==> flow/design.v <==
module dp_adder_blk #(
  parameter XLEN = 48,
  parameter CHUNK = 3
) (
  input wire clk,
  input wire [XLEN-1:0] u,
  input wire [XLEN-1:0] v,
  input wire cin,
  output reg [XLEN-1:0] s,
  output reg carry_out
);
  localparam GROUPS = XLEN / CHUNK;
  wire [XLEN-1:0] r;
  wire [GROUPS:0] carry;
  assign carry[0] = cin;
  genvar i;
  generate
    for (i = 0; i < GROUPS; i = i + 1) begin : blk
      wire [CHUNK:0] s0 = u[i*CHUNK +: CHUNK] + v[i*CHUNK +: CHUNK];
      wire [CHUNK:0] s1 = u[i*CHUNK +: CHUNK] + v[i*CHUNK +: CHUNK] + 1'b1;
      assign {carry[i+1], r[i*CHUNK +: CHUNK]} = carry[i] ? s1 : s0;
    end
  endgenerate
  always @(posedge clk) begin
    s <= r;
    carry_out <= carry[GROUPS];
  end
endmodule
# [Reports on dp_adder_blk]
# The steps from the RTL of dp_adder_blk to its reports follow in flow order.
# Lines are those of the file above, counted from 1.
# Cell names lack the library's common part.
# A cell with -- has no value.
[inputs] top="dp_adder_blk" clock_port="clk" cell_library="sky130hd" pvt_corner="tt_025C_1v80"

# [Elaborated design]
# Counts by Yosys on the flattened word-level netlist (proc, flatten, opt, wreduce; memories kept). Register bits leave out memories and registers merged into their read ports (data or address); mux counts leave out enables and synchronous resets folded into registers. Print and check cells are left out. Cells with the same type and inputs are merged into one.
[op_classes] n_addsub=32 muxes=16
[op_table] operator="adder 3 x 3 -> 4 bit" n=16
[op_table] operator="adder 4 x 1 -> 4 bit (second input constant)" n=16
[op_table] operator="two-way mux 4 bit" n=16
[bits] reg_bits=49 word_cells=50

# [Logic depth]
# Yosys ltp: most cells in a row. Word level: on the elaborated netlist, between registers, memories and ports. Mapped: between sequential cells and ports; inverters and the memories' decode and read muxes count.
[logic_depth] word_depth=18 ABC_AREA=0 depth_mapped=23

# [Synthesis result]
# Source: synth_stat.txt of the flow (Yosys; design flattened, memories mapped). It holds for the ABC_AREA given above (unset counts as 0); a run with the other value may have another netlist.
[mapped] stdcells=413 area_um2=4046.4 seqArea_um2=980.9 flip_flops=49
[by_type] cell_type="dfxtp_1" n=49 type_area_um2=980.941
[by_type] cell_type="ha_1" n=64 type_area_um2=800.768
[by_type] cell_type="fa_1" n=16 type_area_um2=320.307
[by_type] cell_type="xnor2_1" n=28 type_area_um2=245.235
[by_type] cell_type="xor2_1" n=27 type_area_um2=236.477
[by_type] cell_type="a21o_1" n=19 type_area_um2=142.637
[by_type] cell_type="mux2_2" n=12 type_area_um2=135.13
[by_type] cell_type="nand3_1" n=23 type_area_um2=115.11
[by_type] cell_type="nand2_1" n=30 type_area_um2=112.608
[by_type] cell_type="and3_1" n=12 type_area_um2=75.072
[by_type] cell_type="inv_1" n=18 type_area_um2=67.565
[by_type] cell_type="a21oi_1" n=12 type_area_um2=60.058
[by_type] cell_type="nor2_1" n=15 type_area_um2=56.304
[by_type] cell_type="nand4_1" n=8 type_area_um2=50.048
[by_type] cell_type="nor3_1" n=10 type_area_um2=50.048
[by_type] cell_type="nor4_1" n=8 type_area_um2=50.048
[by_type] cell_type="nor4_4" n=2 type_area_um2=42.541
[by_type] cell_type="a2111o_1" n=3 type_area_um2=33.782
# Other cell types: 34; their cells: 57.

# [Path before layout]
# Path of least setup slack by OpenSTA after synthesis, without wires, with an ideal clock, recovery checks aside; 20% of the period is set as input and as output delay. Where synthesis merged equal registers, the netlist keeps one of their names.
[synth_path] path_kind="input to register" startpoint="input u[0]" endpoint="register s[46]" tclk_ps=8160 input_delay_ps=1632 setup_time_ps=121 launch_ps=1632 t_arrival_ps=6735 required_ps=8039 setup_slack_ps=1305 path_delay_ps=5224 stages=20 n_path_buf=0 synth_period_reached_ps=6855
# "path_delay_ps" = arrival - input delay + setup time.
# "stages" counts driving pins, that of a launching flip-flop among them; a cell with two outputs on the path counts twice.
# "synth_period_reached_ps" is the clock period less the worst setup slack; recovery checks do not enter. This is arithmetic on one report: input and output delays are still those of the set period (20% each).
# Between the ends stands the longest chain of elaborated cells between them, by number of cells; it is not shown to be the way that was timed. Of several equally long chains one is given.
# Each line given opens the expression or statement behind the cell; cells for indexed reads and writes are added by Yosys, which also makes memories of some case tables.
[synth_between] cell_sequence="ha_1 fa_1 nand3_1 nor2_4 xor2_2 o211ai_1 a41o_1 o21a_1 o31a_1 or4_4 a31oi_4 o31a_1 nor3_1 a2111oi_2 nand3_2 mux2i_1 nor4_4 mux2i_1 xnor2_1 mux2_2" elab_chain_len=18 cells_between=18 classes_between="2 x add/sub; 16 x mux"
[synth_lines] item="start, declared" line_no=6 text="input wire [XLEN-1:0] u,"
[synth_lines] item="adder 3 x 3 -> 4 bit" line_no=20 text="wire [CHUNK:0] s1 = u[i*CHUNK +: CHUNK] + v[i*CHUNK +: CHUNK] + 1'b1;"
[synth_lines] item="adder 4 x 1 -> 4 bit" line_no=20
[synth_lines] item="two-way mux 4 bit (16 in a row)" line_no=21 text="assign {carry[i+1], r[i*CHUNK +: CHUNK]} = carry[i] ? s1 : s0;"
[synth_lines] item="end, assigned" line_no=25 text="s <= r;"
[synth_lines] item="end, declared" line_no=9 text="output reg [XLEN-1:0] s,"

# [Worst path after layout]
# Path of least setup slack in the final report of flow run 1 (OpenROAD, finished layout, wires in). Where an end is a register, its clock arrival counts in the times.
# The path's times are printed in steps of 10 ps; the period is the one set.
[layout_path] path_kind="input to register" startpoint="input v[3]" endpoint="register s[47]" tclk_ps=4430 input_delay_ps=890 setup_time_ps=80 launch_ps=890 t_arrival_ps=6570 required_ps=4650 setup_slack_ps=-1920 stages=24 n_path_buf=4
# Between the ends stands the longest chain of elaborated cells between them, by number of cells; it is not shown to be the way that was timed. Of several equally long chains one is given.
[layout_between] cell_sequence="clkdlybuf4s15_1 ha_4 fa_2 xor2_2 nand3_2 nand4_1 o211ai_1 a41o_1 o21a_1 o31a_1 or4_4 and4_4 o31a_1 nor4_1 nor4_2 buf_4 nand3_2 mux2i_2 nor4_4 buf_4 buf_4 nor4b_1 a2111o_1 nor3_2" elab_chain_len=17 cells_between=17 classes_between="2 x add/sub; 15 x mux"
[layout_lines] item="start, declared" line_no=7 text="input wire [XLEN-1:0] v,"
[layout_lines] item="adder 3 x 3 -> 4 bit" line_no=20 text="wire [CHUNK:0] s1 = u[i*CHUNK +: CHUNK] + v[i*CHUNK +: CHUNK] + 1'b1;"
[layout_lines] item="adder 4 x 1 -> 4 bit" line_no=20
[layout_lines] item="two-way mux 4 bit (15 in a row)" line_no=21 text="assign {carry[i+1], r[i*CHUNK +: CHUNK]} = carry[i] ? s1 : s0;"
[layout_lines] item="end, assigned" line_no=25 text="s <= r;"
[layout_lines] item="end, declared" line_no=9 text="output reg [XLEN-1:0] s,"

Wiki page: dp_adder_blk / flow data

Design dp_adder_blk on sky130hd. What follows are 3 stored runs of the flow, each under its own settings; their order means nothing. The constraints put input and output delay at 20% of the set period each and load the outputs with 0.01 pF.
"achieved clock period": clock period set for the run, less the worst setup slack. It is reckoned from that one timing run; input and output delays stay at 20% of the period that was set.
"worst setup path time" = time allowed to the worst setup path (clock period - input delay - output delay, where it has them) - its slack; a late launch clock adds to it, a late capture clock takes from it.
"power" is the tool's figure for a default switching activity; nothing was simulated.
"worst setup path time" is given in steps of 10 ps.
[flow run 1] settings: period_ns=4.43, CORE_UTILIZATION=53, PLACE_DENSITY_LB_ADDON=0.05, TNS_END_PERCENT=45, GPL_TIMING_DRIVEN=0, MAX_ROUTING_LAYER=met4, CAP_MARGIN=20, CORE_MARGIN=2, SLEW_MARGIN=20
[flow run 1] result: chip area after synthesis (Yosys) 4046.4 sq um, die area 8349.4 sq um, standard-cell area of the final layout 6356.1 sq um, utilization 86.7 %, worst setup slack after layout -1922 ps, total negative slack -27323 ps, worst hold slack 929 ps, power 1916 µW, achieved clock period 6352 ps, worst setup path time 5470 ps, worst setup path kind input to register
[flow run 2] settings: period_ns=8.16, CAP_MARGIN=20, CORE_MARGIN=2, CORE_UTILIZATION=40, SLEW_MARGIN=20
[flow run 2] result: chip area after synthesis (Yosys) 4046.4 sq um, die area 10937.0 sq um, standard-cell area of the final layout 5729.2 sq um, utilization 58.3 %, worst setup slack after layout 743 ps, total negative slack 0 ps, worst hold slack 1992 ps, power 935.3 µW, achieved clock period 7417 ps, worst setup path time 5780 ps, worst setup path kind input to register
[flow run 3] settings: period_ns=5.74, CORE_UTILIZATION=28, SETUP_SLACK_MARGIN=1.21, PLACE_DENSITY=0.41, CORE_MARGIN=5, GPL_ROUTABILITY_DRIVEN=0, CTS_CLUSTER_SIZE=52, CAP_MARGIN=15, SLEW_MARGIN=20
[flow run 3] result: chip area after synthesis (Yosys) 4046.4 sq um, die area 16955.9 sq um, standard-cell area of the final layout 6880.4 sq um, utilization 47.9 %, worst setup slack after layout -364 ps, total negative slack -3509 ps, worst hold slack 1268 ps, power 1685 µW, achieved clock period 6104 ps, worst setup path time 4960 ps, worst setup path kind input to register
